==> flow/design.v <==
module my_alu_arith #(
  parameter int DW = 18
) (
  input logic clk,
  input logic rst_n,
  input logic [DW-1:0] src1,
  input logic [DW-1:0] src2,
  output logic [DW-1:0] diff
);
  logic [DW-1:0] src1_d1;
  always_ff @(posedge clk) begin
    if (~rst_n) begin
      src1_d1 <= 0;
    end else begin
      src1_d1 <= src1;
    end
  end
  logic [DW-1:0] src2_d1;
  always_ff @(posedge clk) begin
    if (~rst_n) begin
      src2_d1 <= 0;
    end else begin
      src2_d1 <= src2;
    end
  end
  logic [DW:0] val;
  assign val = src1_d1 - src2_d1;
  assign diff = val[DW] ? {DW{1'b0}} : val[DW-1:0];
endmodule
# From RTL to reports: my_alu_arith
# Tool output for the design above, in the order of the flow.
# Line numbers count from 1 in the design file above.
# Operators: Yosys type, input widths -> output width; for muxes data width and select width s.
# Cell names lack the library's common part.
# A cell with n/a has no value.
dict set report design {
  design {my_alu_arith}
  clock_port {clk}
  cell_library {sky130hd}
  corner {tt_025C_1v80}
}

# After elaboration
# Source: Yosys, flattened and elaborated, memories not mapped. Widths are those after wreduce; folded enables and synchronous resets count as part of the registers. Registers that Yosys merges into a memory's read port (data or address) are not register bits. Print and check cells do not count. Equal cells are merged and count once.
dict set report op_classes {
  addsub 1
  mux 1
}
# cell count
set ops {}
lappend ops {{$sub 18x18->19} 1}
lappend ops {{$mux 18} 1}
dict set report bits {
  regBits 36
  inputBits 38
  out_inout_bits 18
}

# Depth
# Depth = most cells in a row (Yosys ltp): at word level without a register or memory, in the mapped netlist without a sequential cell, where the memories' decode and read muxes count.
dict set report logic_depth {
  ltp_word 2
  abc_area 0
  depth_mapped 11
  ltp_nobuf 9
}

# Mapped cells and area
# The flow's flattened synthesis, as Yosys stat reports it; memories are mapped. The netlist is that of the ABC_AREA named above (0 if unset); the other value can give another one.
# Totals and module areas in this step are rounded.
# cell count type_area_um2
set types {}
lappend types {dfxtp_1 36 720.691}
lappend types {and2_1 37 231.472}
lappend types {ha_1 18 225.216}
lappend types {nor2_1 22 82.579}
lappend types {a21oi_1 16 80.077}
lappend types {inv_1 20 75.072}
lappend types {nand2_1 16 60.058}
lappend types {xnor2_1 6 52.55}
lappend types {xor2_1 5 43.792}
lappend types {o21ai_0 8 40.038}
lappend types {a21o_1 4 30.029}
lappend types {nor3_1 6 30.029}
lappend types {o21a_1 4 30.029}
lappend types {nand4_1 4 25.024}
lappend types {nor3b_2 2 25.024}
lappend types {a211oi_1 3 22.522}
lappend types {buf_6 2 22.522}
lappend types {clkbuf_1 6 22.522}
# Other cell types: 20; their cells: 26.
dict set report synth_totals {
  stdcells 241
  yosys_area_um2 2020
  ffs 36
}

# Timing after synthesis
# Path of least setup slack by OpenSTA after synthesis, without wires, with an ideal clock, recovery checks aside; 20% of the period is set as input and as output delay. Where synthesis merged equal registers, the netlist keeps one of their names.
dict set report synth_timing {
  kind {reg-to-output}
  startpoint {register src1_d1[0]}
  endpoint {output diff[16]}
  period_ns 3.57
  launch_ns 0.000
  arrival_time_ns 2.283
  t_required_ns 2.856
  path_slack_ns 0.573
  path_delay_ns 2.283
  driving_pins 11
  n_path_buf 1
  period_less_setup_slack_ns 2.997
}
# "path_delay_ns" = arrival - input delay + setup time.
# At an output port there is no setup time.
# "driving_pins" counts driving pins, that of a launching flip-flop among them; a cell with two outputs on the path counts twice.
# "period_less_setup_slack_ns" = period - worst setup slack (recovery checks aside). The figure is calculated, with input and output delays left at 20% of the set period.
# Between the ends stands the longest chain of elaborated cells between them, by number of cells; it is not shown to be the way that was timed. Of several equally long chains one is given.
# Each line given opens the expression or statement behind the cell; cells for indexed reads and writes are added by Yosys, which also makes memories of some case tables.
dict set report synth_via {
  path_cell_list {dfxtp_1 -> inv_1 -> ha_1 -> fa_1 -> nand2b_1 -> a21oi_2 -> o21ai_2 -> o311a_1 -> o21a_1 -> buf_6 -> a311oi_1}
  elab_chain_len 2
  cells_between 2
  cone_classes {add/sub (1); mux (1)}
}
# element line_no
set synth_rtl {}
lappend synth_rtl {{start: declaration} 10} ;# logic [DW-1:0] src1_d1;
lappend synth_rtl {{start: assignment} 13} ;# src1_d1 <= 0;
lappend synth_rtl {{start: assignment} 15} ;# src1_d1 <= src1;
lappend synth_rtl {{$sub 18x18->19} 27} ;# assign val = src1_d1 - src2_d1;
lappend synth_rtl {{$mux 18} 28} ;# assign diff = val[DW] ? {DW{1'b0}} : val[DW-1:0];
lappend synth_rtl {{end: declaration} 8} ;# output logic [DW-1:0] diff

# Timing after layout
# Path of least setup slack in the final report of entry A (OpenROAD, finished layout, wires in). Where an end is a register, its clock arrival counts in the times.
dict set report layout_timing {
  kind {reg-to-output}
  startpoint {register src1_d1[0]}
  endpoint {output diff[6]}
  period_ns 3.57
  launch_ns 0.28
  arrival_time_ns 2.73
  t_required_ns 2.86
  path_slack_ns 0.12
  driving_pins 12
  n_path_buf 2
}
# Between the ends stands the longest chain of elaborated cells between them, by number of cells; it is not shown to be the way that was timed. Of several equally long chains one is given.
dict set report layout_via {
  path_cell_list {dfxtp_1 -> inv_1 -> ha_1 -> fa_2 -> nand2b_4 -> a21oi_2 -> o21ai_2 -> o311a_1 -> o21a_4 -> buf_4 -> nor2_1 -> clkdlybuf4s15_1}
  elab_chain_len 2
  cells_between 2
  cone_classes {add/sub (1); mux (1)}
}
# element line_no
set layout_rtl {}
lappend layout_rtl {{start: declaration} 10} ;# logic [DW-1:0] src1_d1;
lappend layout_rtl {{start: assignment} 13} ;# src1_d1 <= 0;
lappend layout_rtl {{start: assignment} 15} ;# src1_d1 <= src1;
lappend layout_rtl {{$sub 18x18->19} 27} ;# assign val = src1_d1 - src2_d1;
lappend layout_rtl {{$mux 18} 28} ;# assign diff = val[DW] ? {DW{1'b0}} : val[DW-1:0];
lappend layout_rtl {{end: declaration} 8} ;# output logic [DW-1:0] diff

# 3 stored runs of my_alu_arith in the flow (synthesis by Yosys, layout by OpenROAD, sky130hd cells), in arbitrary order. Constraints: input delay and output delay 20% of the set period each, output load 0.01 pF.
# By "worst_path_time_ns" is meant the share of the clock period that the worst setup path is allowed (20% is reserved at inputs, 20% at outputs), minus its slack. Clock arrival times at its registers enter into it.
# Values from the reports are rounded here.
run="entry A" settings period_ns=3.57 CAP_MARGIN=20 CORE_MARGIN=2 CORE_UTILIZATION=40 SLEW_MARGIN=20
run="entry A" results yosys_chip_area_um2=2020 die_um2=5630 cell_area_final_um2=2740 utilization_pct=57.2 worstSetupSlack_ns=0.122 fin_tns_ns=0.000 final_hold_ws_ns=1.00 worst_path_time_ns=2.73 worst_path_kind="reg-to-output"
run="entry B" settings period_ns=3.38 CORE_UTILIZATION=55 SETUP_SLACK_MARGIN=0.3 PLACE_DENSITY_LB_ADDON=0.02 HOLD_SLACK_MARGIN=0.1 CORE_ASPECT_RATIO=0.88 GPL_TIMING_DRIVEN=0 CTS_CLUSTER_SIZE=39 CAP_MARGIN=20 CORE_MARGIN=2 SLEW_MARGIN=20
run="entry B" results yosys_chip_area_um2=2020 die_um2=4170 cell_area_final_um2=2770 utilization_pct=79.7 worstSetupSlack_ns=0.086 fin_tns_ns=0.000 final_hold_ws_ns=0.959 worst_path_time_ns=2.62 worst_path_kind="reg-to-output"
run="entry C" settings period_ns=2.16 CORE_UTILIZATION=22 SETUP_SLACK_MARGIN=-0.03 PLACE_DENSITY=0.65 HOLD_SLACK_MARGIN=0.07 CELL_PAD_IN_SITES_GLOBAL_PLACEMENT=2 TNS_END_PERCENT=35 GPL_TIMING_DRIVEN=0 CTS_CLUSTER_DIAMETER=146 CAP_MARGIN=35 MIN_ROUTING_LAYER="met2" CORE_MARGIN=2 SLEW_MARGIN=20
run="entry C" results yosys_chip_area_um2=2020 die_um2=9960 cell_area_final_um2=3020 utilization_pct=34.3 worstSetupSlack_ns=-0.963 fin_tns_ns=-15.9 final_hold_ws_ns=0.713 worst_path_time_ns=2.69 worst_path_kind="reg-to-output"
